==> flow/design.v <==
module u_relation #(
  parameter BITS = 6
) (
  input  logic sys_clk,
  input  logic rst_i,
  input  logic en,
  input  logic [BITS-1:0] dataa,
  input  logic [BITS-1:0] datab,
  output logic above
);
  logic [BITS-1:0] r_dataa;
  logic [BITS-1:0] r_datab;
  logic [BITS:0] cc;
  assign cc[0] = 1'b0;
  for (genvar i = 0; i < BITS; i++) begin : u_g
    assign cc[i+1] = (r_dataa[i] ^ r_datab[i]) ? r_dataa[i] : cc[i];
  end
  always_ff @(posedge sys_clk) begin
    if (rst_i) begin
      r_dataa <= '0;
      r_datab <= '0;
      above <= 1'b0;
    end else if (en) begin
      r_dataa <= dataa;
      r_datab <= datab;
      above <= cc[BITS];
    end
  end
endmodule
Reports on u_relation
Tool output for the design above, in the order of the flow. Lines are those of the file above, counted from 1. Operators carry their Yosys type and port widths (W data, S select, Z words). Library cell names are shortened. A cell with -- has no value.

Top: u_relation. Clock: sys_clk. Standard-cell library: sky130hd. Timing corner: tt_025C_1v80.

After elaboration
Counts by Yosys on the flattened word-level netlist (proc, flatten, opt, wreduce; memories kept). Register bits leave out memories and registers merged into their read ports (data or address); mux counts leave out enables and synchronous resets folded into registers. Print and check cells are left out. Cells with the same type and inputs are merged into one.

Register bits: 13. For input bits the number is 15. Under output and inout port bits stands 1. The figure for elaborated cells is 15.

Under muxes and demuxes stands 6. The entry for bitwise gates (word level) reads 6.

Operator list (count): $xor A1 B1 Y1 (6); $mux W1 (6).

Logic depth
Longest topological path by Yosys (ltp), each cell counted once; first at word level (registers and memories cut), then after technology mapping (sequential cells cut; the memories' decode and read muxes count).

The entry for depth after elaboration reads 7. The figure for ABC_AREA is 0. Gate-level depth with buffers: 5. The figure for gate-level depth less buffers is 4.

Netlist
Yosys stat after the flow's synthesis: flattened, memories mapped to cells. It holds for the ABC_AREA given above (unset counts as 0); a run with the other value may have another netlist. The area totals of this step are shown rounded.

Cells by type: dfxtp_1 (count 13, total area 260.25 µm²); mux2i_1 (count 12, total area 120.115 µm²); nor2_1 (count 13, total area 48.797 µm²); inv_1 (count 5, total area 18.768 µm²); a311oi_2 (count 1, total area 15.014 µm²); buf_6 (count 1, total area 11.261 µm²); maj3_2 (count 1, total area 11.261 µm²); a221oi_1 (count 1, total area 8.758 µm²); a31o_1 (count 1, total area 8.758 µm²); nor2b_2 (count 1, total area 8.758 µm²); o31a_1 (count 1, total area 8.758 µm²); buf_4 (count 1, total area 7.507 µm²); nand2b_1 (count 1, total area 6.256 µm²); nor2b_1 (count 1, total area 6.256 µm²); o22ai_1 (count 1, total area 6.256 µm²); nor3_1 (count 1, total area 5.005 µm²); o21ai_1 (count 1, total area 5.005 µm²); clkbuf_1 (count 1, total area 3.754 µm²).

The entry for cell count reads 57. The figure for mapped area is 560 µm². For sequential area the number is 260 µm². The figure for flip-flop cells is 13. Buffers: 3.

Path before layout
Source: OpenSTA report_checks on the synthesized netlist (no wires, ideal clock, input and output delay 20% of the period each), path of least setup slack; recovery checks are left aside. Register names are those of the netlist, which keeps one name where synthesis merged equal registers.

Path kind: reg2reg. Start: reg (no name shown). End: reg above. For clock period the number is 1.27 ns. The entry for library setup time reads 0.116 ns. The entry for time at the first pin reads 0.000 ns. The figure for arrival is 0.897 ns. Under data required time stands 1.154 ns. For slack the number is 0.257 ns. The figure for delay of the path is 1.013 ns. The figure for stages is 4. The entry for path buffers reads 0. Under synthesis period reached stands 1.013 ns.

"delay of the path" is the arrival time less input delay plus setup time. "stages" counts driving pins, that of a launching flip-flop among them; a cell with two outputs on the path counts twice. "synthesis period reached" is the clock period less the worst setup slack; recovery checks do not enter. This is arithmetic on one report: input and output delays are still those of the set period (20% each).

Path through: dfxtp_1 > nor2b_1 > o31a_1 > a31o_1.

RTL lines, path post-synthesis: to (assign) (RTL line 22) `above <= 1'b0;`; to (assign) (RTL line 26) `above <= cc[BITS];`; to (decl) (RTL line 9) `output logic above`.

No chain of elaborated cells between the ends is given.

Timing after layout
Path of least setup slack in the final report of stored run 1 (OpenROAD, finished layout, wires in). Where an end is a register, its clock arrival counts in the times.

Path kind: reg2out. Start: reg above. End: out above. For clock period the number is 1.27 ns. The entry for output delay reads 0.25 ns. The entry for time at the first pin reads 0.27 ns. The figure for arrival is 0.89 ns. Under data required time stands 1.02 ns. For slack the number is 0.12 ns. The figure for stages is 2. The entry for path buffers reads 1.

Path through: dfxtp_1 > dlygate4sd2_1. Length of the longest elaborated chain: 0. Under elaborated cells on any way between the ends stands 0. The entry for source lines of those cells reads 0.

RTL lines, path after layout: from (decl) (RTL line 9) `output logic above`; from (assign) (RTL line 22) `above <= 1'b0;`; from (assign) (RTL line 26) `above <= cc[BITS];`; to (decl) (RTL line 9).

--- measured runs ---
Measured data: module u_relation, platform sky130hd, 3 stored runs of the flow under differing settings, order arbitrary. Input and output delays are each 20% of the period that was set; the output load is 0.01 pF. By "period reached" is meant the clock period of the run minus its worst setup slack. This is arithmetic on one report: input and output delays are still those of the set period (20% each). "worst setup path time" means the part of the period allowed to the worst setup path (the constraints hold back 20% at inputs and 20% at outputs) less its slack; where the path has registers, the arrival times of their clocks count too. By "total design power" is meant OpenSTA's value without simulated activity: inputs other than the clock are taken to toggle once in ten clock periods, and the tool carries that through the logic. Results are given in rounded form.

Stored run 1 has these settings: period_ns 1.27; CAP_MARGIN 20; CORE_MARGIN 2; CORE_UTILIZATION 40; SLEW_MARGIN 20. The cell area after synthesis is 560 µm². The area of the die reads 1700 µm². The standard-cell area after layout comes to 760 µm². The post-layout utilization stands at 0.59. The setup slack of the worst path stands at 0.12 ns. The total negative slack on setup checks reads 0.000 ns. The worst hold slack in the final report is 0.50 ns. The total design power comes to 840 uW. The measured period reached is 1.148 ns. The worst setup path time reads 0.89 ns. Worst setup path kind: reg2out.

Stored run 2 has these settings: period_ns 1.33; CORE_UTILIZATION 25; SETUP_SLACK_MARGIN 0.22; PLACE_DENSITY_LB_ADDON 0.23; CORE_MARGIN 10; CELL_PAD_IN_SITES_GLOBAL_PLACEMENT 2; CELL_PAD_IN_SITES_DETAIL_PLACEMENT 2; ABC_AREA 1; CTS_CLUSTER_SIZE 43; CTS_CLUSTER_DIAMETER 94; CAP_MARGIN 35; SLEW_MARGIN 20. The cell area after synthesis is 590 µm². The area of the die reads 4700 µm². The standard-cell area after layout comes to 820 µm². The post-layout utilization stands at 0.37. The setup slack of the worst path stands at 0.34 ns. The total negative slack on setup checks reads 0.000 ns. The worst hold slack in the final report is 0.44 ns. The total design power comes to 830 uW. The measured period reached is 0.993 ns. The worst setup path time reads 0.73 ns. Worst setup path kind: reg2out.

Stored run 3 has these settings: period_ns 0.728; CORE_UTILIZATION 42; PLACE_DENSITY_LB_ADDON 0.19; CORE_MARGIN 5; CELL_PAD_IN_SITES_DETAIL_PLACEMENT 2; TNS_END_PERCENT 45; GPL_TIMING_DRIVEN 1; GPL_ROUTABILITY_DRIVEN 0; CAP_MARGIN 40; MIN_ROUTING_LAYER met2; SLEW_MARGIN 20. Outcome: no final report: clock tree synthesis broke off with DPL-0033.
--- end ---
